==> flow/design.v <==
module diff_unit_v2 #(
    parameter integer BITS = 48
) (
    input logic clk,
    input logic [BITS-1:0] in0_in,
    input logic [BITS-1:0] in1_in,
    output logic [BITS-1:0] res_out
);
    always_ff @(posedge clk)
        res_out <= (in0_in > in1_in) ? in0_in - in1_in : in1_in - in0_in;
endmodule
**Tool chain data of diff_unit_v2**

What the tools print for diff_unit_v2, step after step.
Line numbers count from 1 in the design file above.
Cell names lack the library's common part.
The mark n/a stands for no value.

- Top module: diff_unit_v2
- Clock port: clk
- Library: sky130hd
- Corner: tt_025C_1v80

**Word-level counts**

Yosys after proc, flatten, opt, wreduce and memory -nomap, before mapping. Enables and synchronous resets that opt folds into registers are not counted as muxes. Memory bits, and registers merged into a memory's read port (data or address), are not among the register bits. Print and check cells are not counted. Equal cells are merged and count once.

- Input bits: 97
- Flip-flop bits (word level): 48

- Magnitude comparators: 1
- Add/subtract/negate cells: 2
- Muxes and demuxes: 1

Operator list:

| cell | count |
|---|---|
| subtractor 48 bit | 2 |
| > comparator 48 bit | 1 |
| 2-to-1 mux 48 bit | 1 |

**Logic depth**

Longest topological path by Yosys (ltp), each cell counted once; first at word level (registers and memories cut), then after technology mapping (sequential cells cut; the memories' decode and read muxes count).

- Depth in word-level cells: 2
- ABC_AREA: 0
- Depth in mapped cells: 14
- Depth with buffers taken out: 13

**After synthesis**

The flow's flattened synthesis, as Yosys stat reports it; memories are mapped. The netlist is that of the ABC_AREA named above (0 if unset); the other value can give another one.
Totals and module areas in this step are rounded.

- Chip area (Yosys): 6850 um^2
- Cells in the netlist: 951
- Mapped flip-flops: 48
- Buffers: 46
- Area of sequential cells: 961 um^2

Cell types:

| type | count |
|---|---|
| ha_1 | 95 |
| dfxtp_1 | 48 |
| a21oi_1 | 122 |
| inv_1 | 119 |
| a21o_1 | 51 |
| o21ai_0 | 56 |
| xnor2_1 | 32 |
| nor2_1 | 70 |
| nand2_1 | 68 |
| o21bai_1 | 22 |
| buf_2 | 28 |
| nand4_1 | 18 |
| o21a_1 | 14 |
| xor2_1 | 12 |
| mux2i_1 | 10 |
| o31ai_1 | 10 |
| a211oi_1 | 8 |
| buf_4 | 8 |

Other cell types: 56; their cells: 160.

**Timing after synthesis**

OpenSTA on the mapped netlist: ideal clock, no wires. The path of least setup slack (recovery checks aside). Input and output delay are each 20% of the period. Register names are those of the netlist, which keeps one name where synthesis merged equal registers.

- Path kind: in2reg
- Start: input port in0_in[0]
- End: register res_out[46]
- Library setup time: 0.134 ns
- Data arrival time: 3.427 ns
- Clock period: 4.24 ns
- Delay of the path: 2.713 ns
- Data required time: 4.106 ns
- Path slack: 0.679 ns
- Stages on the path: 13
- Buffers on the path: 0
- Period reached after synthesis: 3.561 ns

"delay of the path" = arrival - input delay + setup time.
"stages on the path" counts driving pins, that of a launching flip-flop among them; a cell with two outputs on the path counts twice.
"period reached after synthesis" is the clock period less the worst setup slack; recovery checks do not enter. This is arithmetic on one report: input and output delays are still those of the set period (20% each).
The rows between start and end are the longest chain of elaborated cells between them; the timing report does not say that the signal goes this way. Where chains are equally long, one stands for them.
Each line given opens the expression or statement behind the cell; cells for indexed reads and writes are added by Yosys, which also makes memories of some case tables.

- Path through: inv_1 ha_1 fa_1 nand2b_1 a21oi_1 nand4b_1 o2111ai_1 o31ai_1 a31oi_1 o21a_1 o211ai_1 a21oi_1 or4b_1
- Length of the longest elaborated chain: 2
- Elaborated cells between the ends (all ways): 4
- RTL lines with such cells: 1

RTL lines, path after synthesis:

| item | RTL line | source |
|---|---|---|
| start, declared | 5 | `input logic [BITS-1:0] in0_in,` |
| subtractor 48 bit | 10 | `res_out <= (in0_in > in1_in) ? in0_in - in1_in : in1_in - in0_in;` |
| 2-to-1 mux 48 bit | 10 |  |
| end, assigned | 10 |  |
| end, declared | 7 | `output logic [BITS-1:0] res_out` |

**Path in the finished layout**

From the final timing report of flow run 1: the path of least setup slack in the routed layout; clock arrival at registers is part of the times.

- Path kind: in2reg
- Start: input port in0_in[2]
- End: register res_out[43]
- Stages on the path: 14
- Clock period: 4.24 ns
- Path slack: 0.24 ns
- Data required time: 4.49 ns
- Buffers on the path: 2
- Library setup time: 0.05 ns
- Data arrival time: 4.25 ns

The rows between start and end are the longest chain of elaborated cells between them; the timing report does not say that the signal goes this way. Where chains are equally long, one stands for them.

- Path through: clkdlybuf4s50_1 inv_1 ha_1 and3_1 o21ai_0 a21oi_1 o21ai_0 a21oi_1 o21ai_0 a31oi_1 o21ai_0 nor4b_1 nor4_1 buf_4
- Length of the longest elaborated chain: 2
- Elaborated cells between the ends (all ways): 4
- RTL lines with such cells: 1

RTL lines, path post-layout:

| item | RTL line | source |
|---|---|---|
| start, declared | 5 | `input logic [BITS-1:0] in0_in,` |
| subtractor 48 bit | 10 | `res_out <= (in0_in > in1_in) ? in0_in - in1_in : in1_in - in0_in;` |
| 2-to-1 mux 48 bit | 10 |  |
| end, assigned | 10 |  |
| end, declared | 7 | `output logic [BITS-1:0] res_out` |

==> results <==
Flow measurements of diff_unit_v2 on sky130hd: 3 stored runs with different settings, listed in no order. Input and output delays are each 20% of the period that was set; the output load is 0.01 pF.
"clock period reached" is the run's clock period less its worst setup slack. It is reckoned from that one timing run; input and output delays stay at 20% of the period that was set.
"worst path time" means the part of the period allowed to the worst setup path (the constraints hold back 20% at inputs and 20% at outputs) less its slack; where the path has registers, the arrival times of their clocks count too.
"power consumption": no workload was simulated; the value follows from the tool's default switching activity.
Measured values are rounded.

### Flow run 1

==> flow/run.sh <==
#!/bin/bash
# the make line also repeats the synthesis and layout settings of config.mk as NAME=value (left out here)
make -C /OpenROAD-flow-scripts/flow DESIGN_CONFIG=/design/flow/config.mk WORK_HOME=/design/flow/orfs CLKGATE_MAP_FILE= finish
==> flow/config.mk <==
export PLATFORM = sky130hd
export DESIGN_NAME = diff_unit_v2
export DESIGN_NICKNAME = diff_unit_v2
export VERILOG_FILES = /design/flow/design.v
export SDC_FILE = /design/flow/constraint.sdc
export NUM_CORES = 4
export LEC_CHECK = 0
export CAP_MARGIN = 20
export CORE_MARGIN = 2
export CORE_UTILIZATION = 40
export SLEW_MARGIN = 20
==> flow/constraint.sdc <==
create_clock -name core_clock -period 4.24 [get_ports {clk}]
set_input_delay 0.8480 -clock core_clock [delete_from_list [all_inputs] [get_ports {clk}]]
set_output_delay 0.8480 -clock core_clock [all_outputs]
set_load 0.01 [all_outputs]

Results of flow run 1:
- Synthesis area: 6850 um^2
- Die size: 18200 um^2
- Standard-cell area after layout: 9300 um^2
- Utilization in the final report: 55.9 %
- Worst setup slack after layout: 0.240 ns
- Summed negative setup slack: 0.000 ns
- Worst hold slack in the final report: 1.31 ns
- Power consumption: 2640 µW
- Clock period reached: 4.000 ns
- Worst path time: 3.15 ns
- Worst setup path type: in2reg

### Flow run 2

==> flow/run.sh <==
#!/bin/bash
# the make line also repeats the synthesis and layout settings of config.mk as NAME=value (left out here)
make -C /OpenROAD-flow-scripts/flow DESIGN_CONFIG=/design/flow/config.mk WORK_HOME=/design/flow/orfs CLKGATE_MAP_FILE= finish
==> flow/config.mk <==
export PLATFORM = sky130hd
export DESIGN_NAME = diff_unit_v2
export DESIGN_NICKNAME = diff_unit_v2
export VERILOG_FILES = /design/flow/design.v
export SDC_FILE = /design/flow/constraint.sdc
export NUM_CORES = 4
export LEC_CHECK = 0
export CAP_MARGIN = 5
export CELL_PAD_IN_SITES_DETAIL_PLACEMENT = 2
export CORE_MARGIN = 2
export CORE_UTILIZATION = 15
export GPL_TIMING_DRIVEN = 0
export MIN_ROUTING_LAYER = met1
export PLACE_DENSITY_LB_ADDON = 0.03
export SETUP_SLACK_MARGIN = 0.21
export SLEW_MARGIN = 20
export TNS_END_PERCENT = 80
==> flow/constraint.sdc <==
create_clock -name core_clock -period 4.04 [get_ports {clk}]
set_input_delay 0.8080 -clock core_clock [delete_from_list [all_inputs] [get_ports {clk}]]
set_output_delay 0.8080 -clock core_clock [all_outputs]
set_load 0.01 [all_outputs]

Results of flow run 2:
- Synthesis area: 6850 um^2
- Die size: 47400 um^2
- Standard-cell area after layout: 10800 um^2
- Utilization in the final report: 23.9 %
- Worst setup slack after layout: 0.205 ns
- Summed negative setup slack: 0.000 ns
- Worst hold slack in the final report: 0.990 ns
- Power consumption: 3160 µW
- Clock period reached: 3.835 ns
- Worst path time: 3.03 ns
- Worst setup path type: in2reg

### Flow run 3

==> flow/run.sh <==
#!/bin/bash
# the make line also repeats the synthesis and layout settings of config.mk as NAME=value (left out here)
make -C /OpenROAD-flow-scripts/flow DESIGN_CONFIG=/design/flow/config.mk WORK_HOME=/design/flow/orfs CLKGATE_MAP_FILE= finish
==> flow/config.mk <==
export PLATFORM = sky130hd
export DESIGN_NAME = diff_unit_v2
export DESIGN_NICKNAME = diff_unit_v2
export VERILOG_FILES = /design/flow/design.v
export SDC_FILE = /design/flow/constraint.sdc
export NUM_CORES = 4
export LEC_CHECK = 0
export ABC_AREA = 0
export CAP_MARGIN = 30
export CORE_MARGIN = 8
export CORE_UTILIZATION = 63
export GPL_ROUTABILITY_DRIVEN = 1
export GPL_TIMING_DRIVEN = 1
export SLEW_MARGIN = 20
export TNS_END_PERCENT = 75
==> flow/constraint.sdc <==
create_clock -name core_clock -period 3.15 [get_ports {clk}]
set_input_delay 0.6300 -clock core_clock [delete_from_list [all_inputs] [get_ports {clk}]]
set_output_delay 0.6300 -clock core_clock [all_outputs]
set_load 0.01 [all_outputs]

Outcome of flow run 3: no results, clock tree synthesis failed with DPL-0038
